==> flow/design.v <==
module adder_v2 #(
  parameter int BITS = 10,
  parameter int N = 3,
  parameter int OUT_W = BITS + $clog2(N)
) (
  input logic i_clk,
  input logic i_rst_n,
  input logic [N*BITS-1:0] d,
  output logic [OUT_W-1:0] o
);
  logic [N*BITS-1:0] r_d;
  wire [OUT_W-1:0] lvl [1:2*N-1];
  for (genvar gi = 0; gi < N; gi++) begin : stage
    assign lvl[N+gi] = r_d[gi*BITS +: BITS];
  end
  for (genvar gi = 1; gi < N; gi++) begin : lane
    assign lvl[gi] = lvl[2*gi] + lvl[2*gi+1];
  end
  assign o = lvl[1];
  always_ff @(posedge i_clk) begin
    if (!i_rst_n) begin
      r_d <= '0;
    end else begin
      r_d <= d;
    end
  end
endmodule
--- tool output ---
=== From RTL to reports: adder_v2 ===
Module adder_v2 in several versions that differ in "N"; each step lists the members.
The RTL above is that of N = 3; lines are counted from 1 in the file of the member named.
Operators: Yosys type, input widths -> output width; for muxes data width and select width s.
Library cell names are shortened.
Not given: --

* Design top: adder_v2
* Clock input: i_clk
* Cell library: sky130hd
* Corner: tt_025C_1v80

=== Members of the sweep ===
New or changed lines of each further member against the RTL above, in its own file; lines it lacks are not shown.

{| class="wikitable"
|+ New or changed lines
! N !! line !! RTL
|-
| 4 || 3 || <nowiki>parameter int N = 4,</nowiki>
|-
| 6 || 3 || <nowiki>parameter int N = 6,</nowiki>
|-
| 10 || 3 || <nowiki>parameter int N = 10,</nowiki>
|-
| 16 || 3 || <nowiki>parameter int N = 16,</nowiki>
|-
| 20 || 3 || <nowiki>parameter int N = 20,</nowiki>
|-
| 24 || 3 || <nowiki>parameter int N = 24,</nowiki>
|}

=== After elaboration ===
Yosys after proc, flatten, opt, wreduce and memory -nomap, before mapping. Enables and synchronous resets that opt folds into registers are not counted as muxes. Print and check cells are not counted. Equal cells are merged and count once.

{| class="wikitable"
|+ Cells by class
! N !! add/subtract/negate cells
|-
| 3 || 2
|-
| 4 || 3
|-
| 6 || 5
|-
| 10 || 9
|-
| 16 || 15
|-
| 20 || 19
|-
| 24 || 23
|}

{| class="wikitable"
|+ Operators with widths
! N !! kind and count
|-
| 3 || 1 x $add 12x10->12; 1 x $add 10x10->11
|-
| 4 || 2 x $add 10x10->11; 1 x $add 12x12->12
|-
| 6 || 3 x $add 10x10->11; 2 x $add 13x13->13
|-
| 10 || 4 x $add 14x14->14; 5 x $add 10x10->11
|-
| 16 || 7 x $add 14x14->14; 8 x $add 10x10->11
|-
| 20 || 9 x $add 15x15->15; 10 x $add 10x10->11
|-
| 24 || 11 x $add 15x15->15; 12 x $add 10x10->11
|}

{| class="wikitable"
|+ Bit counts
! N !! output and inout bits !! elaborated cells !! input port bits !! flip-flop bits (word level)
|-
| 3 || 12 || 3 || 32 || 30
|-
| 4 || 12 || 4 || 42 || 40
|-
| 6 || 13 || 6 || 62 || 60
|-
| 10 || 14 || 10 || 102 || 100
|-
| 16 || 14 || 16 || 162 || 160
|-
| 20 || 15 || 20 || 202 || 200
|-
| 24 || 15 || 24 || 242 || 240
|}

=== Logic depth ===
Depth = most cells in a row (Yosys ltp): at word level without a register or memory, in the mapped netlist without a sequential cell, where the memories' decode and read muxes count.

{| class="wikitable"
|+ Depth
! N !! depth in word-level cells !! ABC_AREA !! mapped depth !! gate-level depth less buffers
|-
| 3 || 2 || 0 || 12 || 12
|-
| 4 || 2 || 0 || 12 || 11
|-
| 6 || 3 || 0 || 15 || 15
|-
| 10 || 4 || 0 || 18 || 18
|-
| 16 || 4 || 0 || 22 || 21
|-
| 20 || 5 || 0 || 24 || 24
|-
| 24 || 5 || 0 || 24 || 23
|}

=== Synthesis result ===
The flow's flattened synthesis, as Yosys stat reports it; memories are mapped. The netlist is that of the ABC_AREA named above (0 if unset); the other value can give another one.
The area totals of this step are shown rounded.

{| class="wikitable"
|+ Mapped netlist
! N !! flip-flops !! mapped cells !! cell area after synthesis (um^2) !! buffers !! sequential area (um^2)
|-
| 3 || 30 || 166 || 1,620 || 3 || 601
|-
| 4 || 40 || 271 || 2,490 || 7 || 801
|-
| 6 || 60 || 356 || 3,490 || 6 || 1,200
|-
| 10 || 100 || 592 || 6,010 || 10 || 2,000
|-
| 16 || 160 || 942 || 9,490 || 19 || 3,200
|-
| 20 || 200 || 1,156 || 11,800 || 22 || 4,000
|-
| 24 || 240 || 1,406 || 14,400 || 29 || 4,800
|}

{| class="wikitable"
|+ Cells by type
! N !! type and count
|-
| 3 || 30 x dfxtp_1; 21 x ha_1; 30 x and2_1; 10 x xnor2_1; 12 x a21oi_1; 6 x xor2_1; 11 x nor2_1; 2 x fa_1; 6 x o21ai_0; 1 x a2111oi_4; 3 x a211oi_1; 6 x nand2_1; 2 x a21o_1; 3 x nand3_1; 2 x o21a_1; 2 x o21bai_1; 2 x a31oi_1; 2 x nand2b_1; (+15)
|-
| 4 || 40 x dfxtp_1; 31 x ha_1; 42 x and2_1; 14 x xnor2_1; 11 x a21o_1; 13 x a21oi_1; 3 x fa_1; 6 x xor2_1; 13 x nor2_1; 12 x inv_1; 6 x o211ai_1; 8 x o21ai_0; 5 x a211oi_1; 4 x o2111ai_1; 8 x nand2_1; 6 x nand3_1; 4 x nand2b_1; 5 x nor3_1; (+40)
|-
| 6 || 60 x dfxtp_1; 40 x ha_1; 60 x and2_1; 15 x fa_1; 21 x xnor2_1; 24 x a21oi_1; 27 x inv_1; 11 x xor2_1; 11 x a21o_1; 17 x nor2_1; 3 x a2111oi_2; 9 x o21ai_1; 8 x nor3_1; 5 x a211oi_1; 3 x a211oi_2; 5 x o21bai_1; 3 x a31o_1; 4 x nand4_1; (+30)
|-
| 10 || 100 x dfxtp_1; 64 x ha_1; 37 x fa_1; 107 x and2_1; 32 x xnor2_1; 56 x inv_1; 38 x a21oi_1; 18 x xor2_1; 19 x a21o_1; 5 x a2111oi_4; 11 x and3_1; 11 x o21ai_0; 14 x nand2_1; 14 x nor2_1; 7 x nor2b_1; 8 x nand3_1; 10 x clkbuf_1; 5 x o31ai_1; (+36)
|-
| 16 || 160 x dfxtp_1; 73 x fa_1; 94 x ha_1; 164 x and2_1; 42 x xnor2_1; 96 x inv_1; 62 x a21oi_1; 30 x xor2_1; 26 x a21o_1; 28 x o21ai_0; 16 x and3_1; 19 x nand3_1; 20 x nand2_1; 19 x clkbuf_1; 19 x nor2_1; 8 x o21a_1; 9 x nor2b_1; 8 x a31oi_1; (+49)
|-
| 20 || 200 x dfxtp_1; 95 x fa_1; 122 x ha_1; 202 x and2_1; 48 x xor2_1; 107 x inv_1; 52 x a21o_1; 42 x xnor2_1; 59 x a21oi_1; 45 x o21ai_0; 46 x nor2_1; 31 x nand2_1; 7 x a211oi_2; 22 x clkbuf_1; 12 x nand3_1; 9 x or3_1; 8 x nor2b_1; 8 x nor3_1; (+41)
|-
| 24 || 240 x dfxtp_1; 119 x fa_1; 140 x ha_1; 244 x and2_1; 143 x inv_1; 56 x xnor2_1; 91 x a21oi_1; 45 x xor2_1; 36 x a21o_1; 47 x nor2_1; 34 x nand3_1; 5 x a2111oi_4; 25 x o21ai_0; 29 x clkbuf_1; 17 x nor2b_1; 28 x nand2_1; 12 x o2111ai_1; 15 x and3_1; (+80)
|}

The mark (+n) counts cells that are not listed.

=== Worst setup path after synthesis ===
Path of least setup slack by OpenSTA after synthesis, without wires, with an ideal clock, recovery checks aside; 20% of the period is set as input and as output delay. Where synthesis merged equal registers, the netlist keeps one of their names.

{| class="wikitable"
|+ Path post-synthesis
! N !! path kind !! from !! to !! slack (ps) !! stages !! path delay (ps) !! clock period (ps) !! synthesis period reached (ps)
|-
| 3 || reg-to-output || reg r_d[10] || out o[10] || 667 || 13 || 2,669 || 4,170 || 3,503
|-
| 4 || reg-to-output || reg r_d[20] || out o[11] || 665 || 13 || 2,655 || 4,150 || 3,485
|-
| 6 || reg-to-output || reg r_d[0] || out o[11] || 831 || 15 || 3,329 || 5,200 || 4,369
|-
| 10 || reg-to-output || reg r_d[20] || out o[13] || 1,140 || 19 || 4,548 || 7,110 || 5,970
|-
| 16 || reg-to-output || reg r_d[60] || out o[11] || 1,295 || 21 || 5,177 || 8,090 || 6,795
|-
| 20 || reg-to-output || reg r_d[60] || out o[13] || 1,442 || 23 || 5,774 || 9,020 || 7,578
|-
| 24 || reg-to-output || reg r_d[140] || out o[14] || 1,436 || 22 || 5,740 || 8,970 || 7,534
|}

"path delay" = arrival - input delay + setup time.
A path that ends at an output port has no setup time.
"stages": output pins that drive a net of the path, with the launching flip-flop's if there is one; two outputs of one cell count as two.
"synthesis period reached" is the clock period less the worst setup slack; recovery checks do not enter. This is arithmetic on one report: input and output delays are still those of the set period (20% each).
Between the ends stands the longest chain of elaborated cells between them, by number of cells; it is not shown to be the way that was timed. Of several equally long chains one is given.
Each line given opens the expression or statement behind the cell; cells for indexed reads and writes are added by Yosys, which also makes memories of some case tables.

On the way, post-synthesis, N = 3:
* Length of the longest elaborated chain: 2

{| class="wikitable"
|+ RTL lines, path post-synthesis, N = 3
! what !! line !! RTL
|-
| start, declared || 11 || <nowiki>logic [N*BITS-1:0] r_d;</nowiki>
|-
| start, assigned || 22 || <nowiki>r_d <= '0;</nowiki>
|-
| start, assigned || 24 || <nowiki>r_d <= d;</nowiki>
|-
| $add 10x10->11 || 17 || <nowiki>assign lvl[gi] = lvl[2*gi] + lvl[2*gi+1];</nowiki>
|-
| $add 12x10->12 || 17 ||
|-
| end, declared || 9 || <nowiki>output logic [OUT_W-1:0] o</nowiki>
|}

On the way, post-synthesis, N = 24:
* Length of the longest elaborated chain: 5

{| class="wikitable"
|+ RTL lines, path post-synthesis, N = 24
! what !! line !! RTL
|-
| start, declared || 11 || <nowiki>logic [N*BITS-1:0] r_d;</nowiki>
|-
| start, assigned || 22 || <nowiki>r_d <= '0;</nowiki>
|-
| start, assigned || 24 || <nowiki>r_d <= d;</nowiki>
|-
| $add 10x10->11 || 17 || <nowiki>assign lvl[gi] = lvl[2*gi] + lvl[2*gi+1];</nowiki>
|-
| $add 15x15->15 x4 || 17 ||
|-
| end, declared || 9 || <nowiki>output logic [OUT_W-1:0] o</nowiki>
|}

=== Path in the finished layout ===
From the final timing report of each member's run: the path of least setup slack in the routed layout; clock arrival at registers is part of the times.
The report prints the path's times to 10 ps; the period is as set.

{| class="wikitable"
|+ Path after layout
! N !! path kind !! from !! to !! stages !! arrival (ps) !! clock period (ps) !! path buffers !! slack (ps)
|-
| 3 || reg-to-output || reg r_d[10] || out o[8] || 14 || 3,070 || 4,170 || 1 || 270
|-
| 4 || reg-to-output || reg r_d[0] || out o[9] || 14 || 3,180 || 4,150 || 2 || 140
|-
| 6 || reg-to-output || reg r_d[0] || out o[7] || 15 || 3,920 || 5,200 || 1 || 240
|-
| 10 || reg-to-output || reg r_d[0] || out o[8] || 18 || 5,310 || 7,110 || 2 || 380
|-
| 16 || reg-to-output || reg r_d[100] || out o[8] || 17 || 6,140 || 8,090 || 1 || 330
|-
| 20 || reg-to-output || reg r_d[60] || out o[10] || 25 || 6,930 || 9,020 || 2 || 290
|-
| 24 || reg-to-output || reg r_d[160] || out o[12] || 24 || 6,790 || 8,970 || 2 || 380
|}

=== Measured runs ===
Settings and results of one run of the flow (Yosys, OpenROAD) for each member follow. The constraints put input and output delay at 20% of the set period each and load the outputs with 0.01 pF.

* CAP_MARGIN: 20
* CORE_MARGIN: 2
* CORE_UTILIZATION: 40
* SLEW_MARGIN: 20

{| class="wikitable"
|+ Settings that differ
! N !! period_ns
|-
| 3 || 4.17
|-
| 4 || 4.15
|-
| 6 || 5.2
|-
| 10 || 7.11
|-
| 16 || 8.09
|-
| 20 || 9.02
|-
| 24 || 8.97
|}

{| class="wikitable"
|+ Results
! N !! chip area after synthesis (Yosys) (um^2) !! lowest hold slack (ps) !! setup TNS (ps) !! final utilization !! setup slack of the critical path (ps) !! die size (um^2) !! clock period reached (ps) !! std-cell area (final layout) (um^2)
|-
| 3 || 1,620 || 1,120 || 0 || 0.573 || 270 || 4,570 || 3,900 || 2,260
|-
| 4 || 2,490 || 1,040 || 0 || 0.558 || 144 || 6,870 || 4,006 || 3,320
|-
| 6 || 3,490 || 1,280 || 0 || 0.539 || 239 || 9,480 || 4,961 || 4,630
|-
| 10 || 6,010 || 1,640 || 0 || 0.525 || 382 || 16,000 || 6,728 || 7,660
|-
| 16 || 9,490 || 1,760 || 0 || 0.523 || 334 || 25,000 || 7,756 || 12,200
|-
| 20 || 11,800 || 1,820 || 0 || 0.521 || 290 || 30,900 || 8,730 || 15,000
|-
| 24 || 14,400 || 1,830 || 0 || 0.52 || 381 || 37,500 || 8,589 || 18,400
|}

"clock period reached": clock period set for the run, less the worst setup slack. It is reckoned from that one timing run; input and output delays stay at 20% of the period that was set.
Measured values are rounded.
--- end ---
